==> flow/design.v <==
module cpu_aligner_blk #(
  parameter integer WIDTH = 32,
  parameter integer LG = $clog2(WIDTH)
) (
  input  logic sys_clk,
  input  logic clr,
  input  logic step,
  input  logic [WIDTH-1:0] data,
  input  logic [LG-1:0] dist_in,
  output logic [WIDTH-1:0] y
);
  logic [WIDTH-1:0] data_ff;
  logic [LG-1:0] dist_in_ff;
  always_ff @(posedge sys_clk) begin
    if (clr) begin
      data_ff <= '0;
      dist_in_ff <= '0;
      y <= '0;
    end else if (step) begin
      data_ff <= data;
      dist_in_ff <= dist_in;
      y <= (data_ff << dist_in_ff) | (data_ff >> (WIDTH - dist_in_ff));
    end
  end
endmodule
# From RTL to reports: cpu_aligner_blk
# Tool output for the design above, in the order of the flow.
# Lines are those of the file above, counted from 1.
# Operators carry their Yosys type and port widths (W data, S select, Z words).
# Library cell names are shortened.
# A cell with n/a has no value.
# setup
top	cpu_aligner_blk
clk_port	sys_clk
cell_library	sky130hd
pvt_corner	tt_025C_1v80

# Word level
# Source: Yosys, flattened and elaborated, memories not mapped. Widths are those after wreduce; folded enables and synchronous resets count as part of the registers. Registers that Yosys merges into a memory's read port (data or address) are not register bits. Print and check cells do not count. Equal cells are merged and count once.
# classes
n_logic	1
add_sub_neg	1
n_shift	2
# op_table
op	n
$or A32 B32 Y32	1
$shr A32 B32 Y32	1
$shl A32 B5 Y32	1
$sub A6 B5 Y7 const A	1
# bits
regBits	69
in_bits	40

# Longest topological paths
# Depth = most cells in a row (Yosys ltp): at word level without a register or memory, in the mapped netlist without a sequential cell, where the memories' decode and read muxes count.
# logic_depth
ltp_word	3
abc_area	0
depth_mapped	13
depth_no_buf	7

# Netlist
# Yosys stat after the flow's synthesis: flattened, memories mapped to cells. It holds for the ABC_AREA given above (unset counts as 0); a run with the other value may have another netlist.
# The area totals of this step are shown rounded.
# types
type	n
mux4_2	76
dfxtp_1	69
mux2i_1	102
nor2_1	76
nand2_1	62
mux2_2	18
clkbuf_1	41
a221oi_1	12
buf_2	20
a311oi_1	10
buf_6	7
nand3_1	15
o21ai_0	15
a211oi_1	8
a21oi_1	12
nand2b_1	9
nor3_1	11
buf_4	7
# Not listed: further types 44, cells in them 93.
# synth_totals
mapped_area_um2	6510
ff_cells	69
seqArea_um2	1381
cell_count	663
n_buf	78

# Timing after synthesis
# Path of least setup slack by OpenSTA after synthesis, without wires, with an ideal clock, recovery checks aside; 20% of the period is set as input and as output delay. Where synthesis merged equal registers, the netlist keeps one of their names.
# synth_path
path_type	reg2reg
from	reg dist_in_ff[0]
to	reg y[3]
clock_period_ns	3.85
launch_ns	0.000
setup_slack_ns	0.767
delay_ns	3.083
path_stages	13
arrival_time_ns	2.951
setup_time_ns	0.132
n_path_buf	6
t_required_ns	3.718
synth_period_reached_ns	3.083
# "delay_ns" is the arrival time less input delay plus setup time.
# "path_stages" counts driving pins, that of a launching flip-flop among them; a cell with two outputs on the path counts twice.
# "synth_period_reached_ns" = period - worst setup slack (recovery checks aside). The figure is calculated, with input and output delays left at 20% of the set period.
# Between the ends stands the longest chain of elaborated cells between them, by number of cells; it is not shown to be the way that was timed. Of several equally long chains one is given.
# Each line given opens the expression or statement behind the cell; cells for indexed reads and writes are added by Yosys, which also makes memories of some case tables.
# synth_via
path_cell_list	dfxtp_1 > buf_6 > inv_2 > buf_2 > buf_2 > ha_1 > buf_2 > buf_4 > buf_1 > mux4_2 > mux4_1 > a221oi_1 > nor3_1
elab_chain_len	3
cells_between	4
# synth_lines
item	line	rtl
from (decl)	13	logic [LG-1:0] dist_in_ff;
from (assign)	17	dist_in_ff <= '0;
from (assign)	21	dist_in_ff <= dist_in;
$sub A6 B5 Y7	22	y <= (data_ff << dist_in_ff) | (data_ff >> (WIDTH - dist_in_ff));
$shr A32 B32 Y32	22
$or A32 B32 Y32	22
to (assign)	18	y <= '0;
to (assign)	22
to (decl)	10	output logic [WIDTH-1:0] y

# Timing after layout
# Path of least setup slack in the final report of entry A (OpenROAD, finished layout, wires in). Where an end is a register, its clock arrival counts in the times.
# layout_path
path_type	reg2reg
from	reg dist_in_ff[1]
to	reg y[17]
setup_slack_ns	0.97
t_required_ns	4.05
path_stages	9
n_path_buf	1
setup_time_ns	0.15
launch_ns	0.34
clock_period_ns	3.85
arrival_time_ns	3.08
# Between the ends stands the longest chain of elaborated cells between them, by number of cells; it is not shown to be the way that was timed. Of several equally long chains one is given.
# layout_via
path_cell_list	dfxtp_2 > inv_1 > ha_1 > buf_4 > mux2i_1 > mux4_2 > mux2i_1 > a221oi_1 > nor3_1
elab_chain_len	3
cells_between	4
# layout_lines
item	line	rtl
from (decl)	13	logic [LG-1:0] dist_in_ff;
from (assign)	17	dist_in_ff <= '0;
from (assign)	21	dist_in_ff <= dist_in;
$sub A6 B5 Y7	22	y <= (data_ff << dist_in_ff) | (data_ff >> (WIDTH - dist_in_ff));
$shr A32 B32 Y32	22
$or A32 B32 Y32	22
to (assign)	18	y <= '0;
to (assign)	22
to (decl)	10	output logic [WIDTH-1:0] y

# Measured results for cpu_aligner_blk: 3 stored runs of the Yosys and OpenROAD flow on sky130hd. The settings differ; the order carries no meaning. The constraints put input and output delay at 20% of the set period each and load the outputs with 0.01 pF.
# "achieved_clock_period_ns" means the clock period less the worst setup slack. The figure is calculated, with input and output delays left at 20% of the set period.
# "worst_path_time_ns" is the time allowed to the run's worst setup path (the clock period less input and output delay, where it has them) less its slack. Clock arrival times count: a late capture clock shortens it, a late launch clock lengthens it.
# "final_power_uw" is the tool's figure for a default switching activity; nothing was simulated.
# The results are shown rounded.
# Settings: n/a = not set for that run.
run name	period_ns	CAP_MARGIN	CORE_MARGIN	CORE_UTILIZATION	SLEW_MARGIN	SETUP_SLACK_MARGIN	PLACE_DENSITY	CORE_ASPECT_RATIO	CELL_PAD_IN_SITES_DETAIL_PLACEMENT	ABC_AREA	GPL_TIMING_DRIVEN	CTS_CLUSTER_SIZE	MAX_ROUTING_LAYER	setup_ws_ns	worst_path_time_ns	worst_setup_path_type	yosys_chip_area_um2	tns_ns	final_die_area_um2	layout_stdcell_area_um2	layout_utilization_pct	final_power_uw	achieved_clock_period_ns	timing.hold.ws_ns
entry A	3.85	20	2	40	20	n/a	n/a	n/a	n/a	n/a	n/a	n/a	n/a	0.969	2.88	reg2reg	6510	0.000	17310	7670	48.3	2711	2.881	0.475
entry B	5.97	20	6	30	20	-0.17	0.7	1.45	1	1	n/a	n/a	n/a	2.931	3.04	reg2reg	5769	0.000	22760	6718	35.9	1842	3.039	0.525
entry C	5.98	20	5	15	20	n/a	0.46	0.52	2	0	0	10	met4	1.297	4.68	reg2reg	6510	0.000	47890	8209	19.0	1822	4.683	0.483
